==> flow/design.v <==
module mult_top #(
    parameter int BITS = 11
) (
    input logic aclk,
    input logic adv,
    input logic signed [BITS-1:0] rs1,
    input logic signed [BITS-1:0] rs2,
    output logic signed [2*BITS-1:0] m
);
    logic signed [BITS-1:0] rs1_d1;
    logic signed [BITS-1:0] rs2_d1;
    assign m = rs1_d1 * rs2_d1;
    always_ff @(posedge aclk) begin
        if (adv) begin
            rs1_d1 <= rs1;
            rs2_d1 <= rs2;
        end
    end
endmodule
# == Reports on mult_top ==
# What the tools print for mult_top, step after step.
# Line numbers count from 1 in the design file above.
# Library cell names are shortened.
# The mark n/a stands for no value.
# setup
top_module,mult_top
clock,aclk
cell_library,sky130hd
corner,tt_025C_1v80

# == Word-level counts ==
# Yosys after proc, flatten, opt, wreduce and memory -nomap, before mapping. Enables and synchronous resets that opt folds into registers are not counted as muxes. Memory bits, and registers merged into a memory's read port (data or address), are not among the register bits. Print and check cells are not counted. Equal cells are merged and count once.
# bits
regBits,22
inputBits,24
out_inout_bits,22
wordCells,3
# op_classes
multipliers,1
# ops
op,n
11-bit by 11-bit multiplier with 22-bit output,1

# == Longest topological paths ==
# Longest topological path by Yosys (ltp), each cell counted once; first at word level (registers and memories cut), then after technology mapping (sequential cells cut; the memories' decode and read muxes count).
# logic_depth
depth_word,1
ABC_AREA,0
ltp_mapped,20
ltp_nobuf,18

# == Netlist ==
# Yosys stat after the flow's synthesis: flattened, memories mapped to cells. It holds for the ABC_AREA given above (unset counts as 0); a run with the other value may have another netlist.
# The area totals of this step are shown rounded.
# synth_totals
mapped_cells,595
synth_area_um2,5590
seq_area_um2,661
ffs,22
buf_cells,24
# by_type
cell_type,n
fa_1,117
edfxtp_1,22
ha_1,47
inv_1,156
and2_1,49
nand2_1,68
xnor2_1,14
clkbuf_1,22
a21oi_1,15
nor2_1,16
xor2_1,6
nand2b_1,8
and4_1,3
and3_1,4
nor3_1,5
a21o_1,3
o21ai_0,4
a2111oi_2,1
# Other cell types: 29; their cells: 35.

# == Timing after synthesis ==
# OpenSTA on the mapped netlist: ideal clock, no wires. The path of least setup slack (recovery checks aside). Input and output delay are each 20% of the period. Register names are those of the netlist, which keeps one name where synthesis merged equal registers.
# synth_path
path_kind,flip-flop to output port
from,register rs1_d1[10]
to,output m[20]
tclk_ns,7.82
launch_ns,0.000
arrival_ns,5.008
slack_ns,1.248
path_delay_ns,5.008
stages,17
n_path_buf,1
period_less_setup_slack_ns,6.572
# "path_delay_ns" = arrival - input delay + setup time.
# At an output port there is no setup time.
# "stages" counts driving pins, that of a launching flip-flop among them; a cell with two outputs on the path counts twice.
# "period_less_setup_slack_ns" = period - worst setup slack (recovery checks aside). The figure is calculated, with input and output delays left at 20% of the set period.
# The rows between start and end are the longest chain of elaborated cells between them; the timing report does not say that the signal goes this way. Where chains are equally long, one stands for them.
# A line is the first line of the expression or statement that the cell stems from. Yosys adds cells for indexed reads and writes and turns some case tables into memories.
# synth_between
path_cell_list,edfxtp_1 > clkbuf_1 > nand2_1 > fa_1 > inv_1 > fa_1 > inv_1 > fa_1 > fa_1 > fa_1 > inv_1 > ha_1 > nor2b_1 > nor2_1 > a21oi_1 > mux2_2 > nor4_2
elab_chain_len,1
cells_between,1
# synth_lines
element,line,text
"start, declared",10,logic signed [BITS-1:0] rs1_d1;
"start, assigned",15,rs1_d1 <= rs1;
11-bit by 11-bit multiplier with 22-bit output,12,assign m = rs1_d1 * rs2_d1;
"end, declared",8,output logic signed [2*BITS-1:0] m

# == Path in the finished layout ==
# Path of least setup slack in the final report of run 1 (OpenROAD, finished layout, wires in). Where an end is a register, its clock arrival counts in the times.
# layout_path
path_kind,flip-flop to output port
from,register rs2_d1[6]
to,output m[20]
tclk_ns,7.82
launch_ns,0.25
arrival_ns,5.92
slack_ns,0.34
stages,17
n_path_buf,1
# The rows between start and end are the longest chain of elaborated cells between them; the timing report does not say that the signal goes this way. Where chains are equally long, one stands for them.
# layout_between
path_cell_list,edfxtp_1 > nand2_1 > fa_1 > inv_1 > fa_1 > inv_1 > fa_1 > fa_1 > fa_1 > inv_1 > ha_1 > nor2b_1 > nor2_1 > a21oi_1 > mux2_2 > nor4_2 > clkdlybuf4s50_1
elab_chain_len,1
cells_between,1
# layout_lines
element,line,text
"start, declared",11,logic signed [BITS-1:0] rs2_d1;
"start, assigned",16,rs2_d1 <= rs2;
11-bit by 11-bit multiplier with 22-bit output,12,assign m = rs1_d1 * rs2_d1;
"end, declared",8,output logic signed [2*BITS-1:0] m

# Module mult_top, platform sky130hd: 3 stored runs of the flow (Yosys, OpenROAD) with differing settings, in no particular order. Input and output delays are each 20% of the period that was set; the output load is 0.01 pF.
# "worstPathTime_ns": the worst setup path's part of the clock period (all of it between registers, 20% less for each end at a port) less its slack. A launch clock that arrives late makes it longer, a capture clock that arrives late makes it shorter.
# The results are shown rounded.
# Among the settings, -- means not set for that run.
stored run,period_ns,CAP_MARGIN,CORE_MARGIN,CORE_UTILIZATION,SLEW_MARGIN,SETUP_SLACK_MARGIN,HOLD_SLACK_MARGIN,CELL_PAD_IN_SITES_GLOBAL_PLACEMENT,GPL_ROUTABILITY_DRIVEN,CTS_CLUSTER_DIAMETER,PLACE_DENSITY_LB_ADDON,CELL_PAD_IN_SITES_DETAIL_PLACEMENT,CTS_CLUSTER_SIZE,MIN_ROUTING_LAYER,MAX_ROUTING_LAYER,synth_area_um2,die_footprint_um2,cell_area_final_um2,ws_setup_ns,tns_ns,worstPathTime_ns,timing.worst_path_kind
run 1,7.82,20,2,40,20,--,--,--,--,--,--,--,--,--,--,5590,14900,6320,0.341,0.000,5.92,flip-flop to output port
run 2,6.3,20,10,60,20,1.32,0.12,1,0,81,--,--,--,--,--,5590,13600,7520,-0.074,-0.117,5.11,flip-flop to output port
run 3,8.53,20,2,18,20,0.38,--,1,1,--,0.14,0,88,met2,met5,5590,32500,6680,0.775,0.000,6.05,flip-flop to output port
